==> flow/design.v <==
module sum_block_n #(
  parameter XLEN = 80
) (
  input logic clk,
  input logic rst_n,
  input logic [XLEN-1:0] rs1,
  input logic [XLEN-1:0] rs2,
  input logic c0,
  output logic [XLEN-1:0] s,
  output logic co
);
  logic [XLEN-1:0] rs1_reg;
  logic [XLEN-1:0] rs2_reg;
  logic c0_reg;
  logic [XLEN-1:0] tmp;
  logic cy;
  always_comb begin
    cy = c0_reg;
    for (int i = 0; i < XLEN; i++) begin
      tmp[i] = rs1_reg[i] ^ rs2_reg[i] ^ cy;
      cy = (rs1_reg[i] & rs2_reg[i]) | (cy & (rs1_reg[i] | rs2_reg[i]));
    end
  end
  assign s = tmp;
  assign co = cy;
  always_ff @(posedge clk) begin
    if (~rst_n) begin
      rs1_reg <= '0;
      rs2_reg <= '0;
      c0_reg <= 1'b0;
    end else begin
      rs1_reg <= rs1;
      rs2_reg <= rs2;
      c0_reg <= c0;
    end
  end
endmodule
* Reports on sum_block_n
What the tools print for sum_block_n, step after step.
Line numbers count from 1 in the design file above.
Operators: Yosys type, input widths -> output width; for muxes data width and select width s.
Cell names lack the library's common part.
A cell with n/a has no value.
- Top :: sum_block_n
- Clock input :: clk
- Cell library :: sky130hd
- Timing corner :: tt_025C_1v80

* Elaborated design
Counts by Yosys on the flattened word-level netlist (proc, flatten, opt, wreduce; memories kept). Register bits leave out memories and registers merged into their read ports (data or address); mux counts leave out enables and synchronous resets folded into registers. Print and check cells are left out. Cells with the same type and inputs are merged into one.
- Bitwise gates (word level) :: 480
** Operator list (number)
- $and 1x1->1 :: 160
- $or 1x1->1 :: 160
- $xor 1x1->1 :: 160
- Register bits :: 161
- Bits of input ports :: 163
- Output and inout port bits :: 81
- Word-level cells :: 483

* Longest topological paths
Longest topological path by Yosys (ltp), each cell counted once; first at word level (registers and memories cut), then after technology mapping (sequential cells cut; the memories' decode and read muxes count).
- Depth in word-level cells :: 161
- ABC_AREA :: 0
- Gate-level depth with buffers :: 84
- Mapped depth without buffers :: 84

* After synthesis
Source: synth_stat.txt of the flow (Yosys; design flattened, memories mapped). It holds for the ABC_AREA given above (unset counts as 0); a run with the other value may have another netlist.
The area totals of this step are shown rounded.
- Cell count :: 429
- Chip area (Yosys) :: 6020 um^2
- Sequential part of the area :: 3220 um^2
- Flip-flop cells :: 161
- Buffer cells :: 17
** Cells by type
- dfxtp_1 :: number 161, total area 3.22E+03 um^2
- fa_1 :: number 80, total area 1.6E+03 um^2
- and2_1 :: number 161, total area 1.01E+03 um^2
- buf_6 :: number 10, total area 112.608 um^2
- inv_1 :: number 10, total area 37.536 um^2
- buf_2 :: number 7, total area 35.034 um^2

* Worst setup path after synthesis
OpenSTA on the mapped netlist: ideal clock, no wires. The path of least setup slack (recovery checks aside). Input and output delay are each 20% of the period. Register names are those of the netlist, which keeps one name where synthesis merged equal registers.
- Path kind :: register -> output
- Start point :: reg rs1_reg[0]
- End point :: out s[79]
- Clock period :: 48000 ps
- Output delay :: 9600 ps
- Time at the first pin :: 0 ps
- Data arrival time :: 30711 ps
- Data required time :: 38400 ps
- Path slack :: 7689 ps
- Path delay :: 30711 ps
- Stages :: 85
- Buffers on the path :: 0
- Synthesis period reached :: 40311 ps
"path delay" is the arrival time less input delay plus setup time.
A path that ends at an output port has no setup time.
"stages": output pins that drive a net of the path, with the launching flip-flop's if there is one; two outputs of one cell count as two.
"synthesis period reached" is the clock period less the worst setup slack; recovery checks do not enter. This is arithmetic on one report: input and output delays are still those of the set period (20% each).
Between the ends stands the longest chain of elaborated cells between them, by number of cells; it is not shown to be the way that was timed. Of several equally long chains one is given.
Each line given opens the expression or statement behind the cell; cells for indexed reads and writes are added by Yosys, which also makes memories of some case tables.
- Cell sequence :: dfxtp_1 -> fa_1 -> fa_1 -> fa_1 -> fa_1 -> fa_1 -> fa_1 -> fa_1 -> fa_1 -> fa_1 -> fa_1 -> fa_1 -> fa_1 -> fa_1 -> fa_1 -> fa_1 -> fa_1 -> fa_1 -> [... 49 more ...] -> fa_1 -> fa_1 -> fa_1 -> fa_1 -> fa_1 -> fa_1 -> fa_1 -> fa_1 -> fa_1 -> fa_1 -> fa_1 -> inv_1 -> fa_1 -> inv_1 -> fa_1 -> inv_1 -> fa_1 -> inv_1
- Cells in the longest elaborated chain :: 160
- Elaborated cells between the ends (all ways) :: 161
- Source lines of those cells :: 2
- Those cells by class :: logic: 161
** Ends and longest elaborated chain, after synthesis
- start: declaration :: RTL line 12 : logic [XLEN-1:0] rs1_reg;
- start: assignment :: RTL line 28 : rs1_reg <= '0;
- start: assignment :: RTL line 32 : rs1_reg <= rs1;
- $or 1x1->1 :: RTL line 21 : cy = (rs1_reg[i] & rs2_reg[i]) | (cy & (rs1_reg[i] | rs2_reg[i]));
- $and 1x1->1 :: RTL line 21
- $or 1x1->1 :: RTL line 21
- $and 1x1->1 :: RTL line 21
- $or 1x1->1 :: RTL line 21
- $and 1x1->1 :: RTL line 21
- $or 1x1->1 :: RTL line 21
- [... 146 more ...]
- $and 1x1->1 :: RTL line 21
- $or 1x1->1 :: RTL line 21
- $and 1x1->1 :: RTL line 21
- $or 1x1->1 :: RTL line 21
- $and 1x1->1 :: RTL line 21
- $or 1x1->1 :: RTL line 21
- $xor 1x1->1 :: RTL line 20 : tmp[i] = rs1_reg[i] ^ rs2_reg[i] ^ cy;
- end: declaration :: RTL line 9 : output logic [XLEN-1:0] s,

* Worst path after layout
From the final timing report of record 1: the path of least setup slack in the routed layout; clock arrival at registers is part of the times.
The path's times are printed in steps of 10 ps; the period is the one set.
- Path kind :: register -> output
- Start point :: reg rs1_reg[0]
- End point :: out s[79]
- Clock period :: 68900 ps
- Output delay :: 13780 ps
- Time at the first pin :: 420 ps
- Data arrival time :: 33420 ps
- Data required time :: 55120 ps
- Path slack :: 21700 ps
- Stages :: 86
- Buffers on the path :: 1
Between the ends stands the longest chain of elaborated cells between them, by number of cells; it is not shown to be the way that was timed. Of several equally long chains one is given.
- Cell sequence :: dfxtp_1 -> fa_1 -> fa_1 -> fa_1 -> fa_1 -> fa_1 -> fa_1 -> fa_1 -> fa_1 -> fa_1 -> fa_1 -> fa_1 -> fa_1 -> fa_1 -> fa_1 -> fa_1 -> fa_1 -> fa_1 -> [... 50 more ...] -> fa_1 -> fa_1 -> fa_1 -> fa_1 -> fa_1 -> fa_1 -> fa_1 -> fa_1 -> fa_1 -> fa_1 -> inv_1 -> fa_1 -> inv_1 -> fa_1 -> inv_1 -> fa_1 -> inv_1 -> clkdlybuf4s50_1
- Cells in the longest elaborated chain :: 160
- Elaborated cells between the ends (all ways) :: 161
- Source lines of those cells :: 2
- Those cells by class :: logic: 161
** Ends and longest elaborated chain, post-layout
- start: declaration :: RTL line 12 : logic [XLEN-1:0] rs1_reg;
- start: assignment :: RTL line 28 : rs1_reg <= '0;
- start: assignment :: RTL line 32 : rs1_reg <= rs1;
- $or 1x1->1 :: RTL line 21 : cy = (rs1_reg[i] & rs2_reg[i]) | (cy & (rs1_reg[i] | rs2_reg[i]));
- $and 1x1->1 :: RTL line 21
- $or 1x1->1 :: RTL line 21
- $and 1x1->1 :: RTL line 21
- $or 1x1->1 :: RTL line 21
- $and 1x1->1 :: RTL line 21
- $or 1x1->1 :: RTL line 21
- [... 146 more ...]
- $and 1x1->1 :: RTL line 21
- $or 1x1->1 :: RTL line 21
- $and 1x1->1 :: RTL line 21
- $or 1x1->1 :: RTL line 21
- $and 1x1->1 :: RTL line 21
- $or 1x1->1 :: RTL line 21
- $xor 1x1->1 :: RTL line 20 : tmp[i] = rs1_reg[i] ^ rs2_reg[i] ^ cy;
- end: declaration :: RTL line 9 : output logic [XLEN-1:0] s,

--- measured runs ---
Settings and measured results of 3 stored flow runs for module sum_block_n (sky130hd), not sorted in any way. The constraints put input and output delay at 20% of the set period each and load the outputs with 0.01 pF.
"clock period reached" is the run's clock period less its worst setup slack. It is reckoned from that one timing run; input and output delays stay at 20% of the period that was set.
"time used up by the worst setup path" = time allowed to the worst setup path (clock period - input delay - output delay, where it has them) - its slack; a late launch clock adds to it, a late capture clock takes from it.
By "power consumption" is meant OpenSTA's value without simulated activity: inputs other than the clock are taken to toggle once in ten clock periods, and the tool carries that through the logic.
"time used up by the worst setup path" is known to 10 ps.
The results are shown rounded.

** Record 1
- Settings :: period_ns=68.9; CORE_UTILIZATION=20; PLACE_DENSITY=0.81; CORE_ASPECT_RATIO=0.66; CELL_PAD_IN_SITES_GLOBAL_PLACEMENT=1; CELL_PAD_IN_SITES_DETAIL_PLACEMENT=2; ABC_AREA=0; GPL_ROUTABILITY_DRIVEN=1; CTS_CLUSTER_SIZE=14; CTS_CLUSTER_DIAMETER=324; SLEW_MARGIN=25; CAP_MARGIN=20; CORE_MARGIN=2
- Power consumption :: 0.233 mW
- Post-layout utilization :: 0.317
- Worst hold slack in the final report :: 13800 ps
- Total negative slack on setup checks :: 0 ps
- Time used up by the worst setup path :: 33420 ps
- Worst setup path kind :: register -> output
- Overall die area :: 31500 um^2
- Clock period reached :: 47197 ps
- Post-synthesis cell area :: 6020 um^2
- Worst slack on setup checks :: 21700 ps

** Record 2
- Settings :: period_ns=24.9; CORE_UTILIZATION=28; PLACE_DENSITY_LB_ADDON=0.14; ABC_AREA=0; GPL_TIMING_DRIVEN=1; CTS_CLUSTER_SIZE=40; SLEW_MARGIN=10; CAP_MARGIN=20; CORE_MARGIN=2
- Worst slack on setup checks :: -8900 ps
- Worst hold slack in the final report :: 5140 ps
- Post-synthesis cell area :: 6020 um^2
- Clock period reached :: 33796 ps
- Overall die area :: 22700 um^2
- Time used up by the worst setup path :: 28820 ps
- Worst setup path kind :: register -> output
- Post-layout utilization :: 0.448
- Power consumption :: 0.645 mW
- Total negative slack on setup checks :: -129000 ps

** Record 3
- Settings :: period_ns=48.0; CAP_MARGIN=20; CORE_MARGIN=2; CORE_UTILIZATION=40; SLEW_MARGIN=20
- Clock period reached :: 42595 ps
- Post-layout utilization :: 0.631
- Power consumption :: 0.351 mW
- Worst hold slack in the final report :: 9760 ps
- Worst slack on setup checks :: 5400 ps
- Time used up by the worst setup path :: 33000 ps
- Worst setup path kind :: register -> output
- Total negative slack on setup checks :: 0 ps
- Post-synthesis cell area :: 6020 um^2
- Overall die area :: 16000 um^2
--- end ---
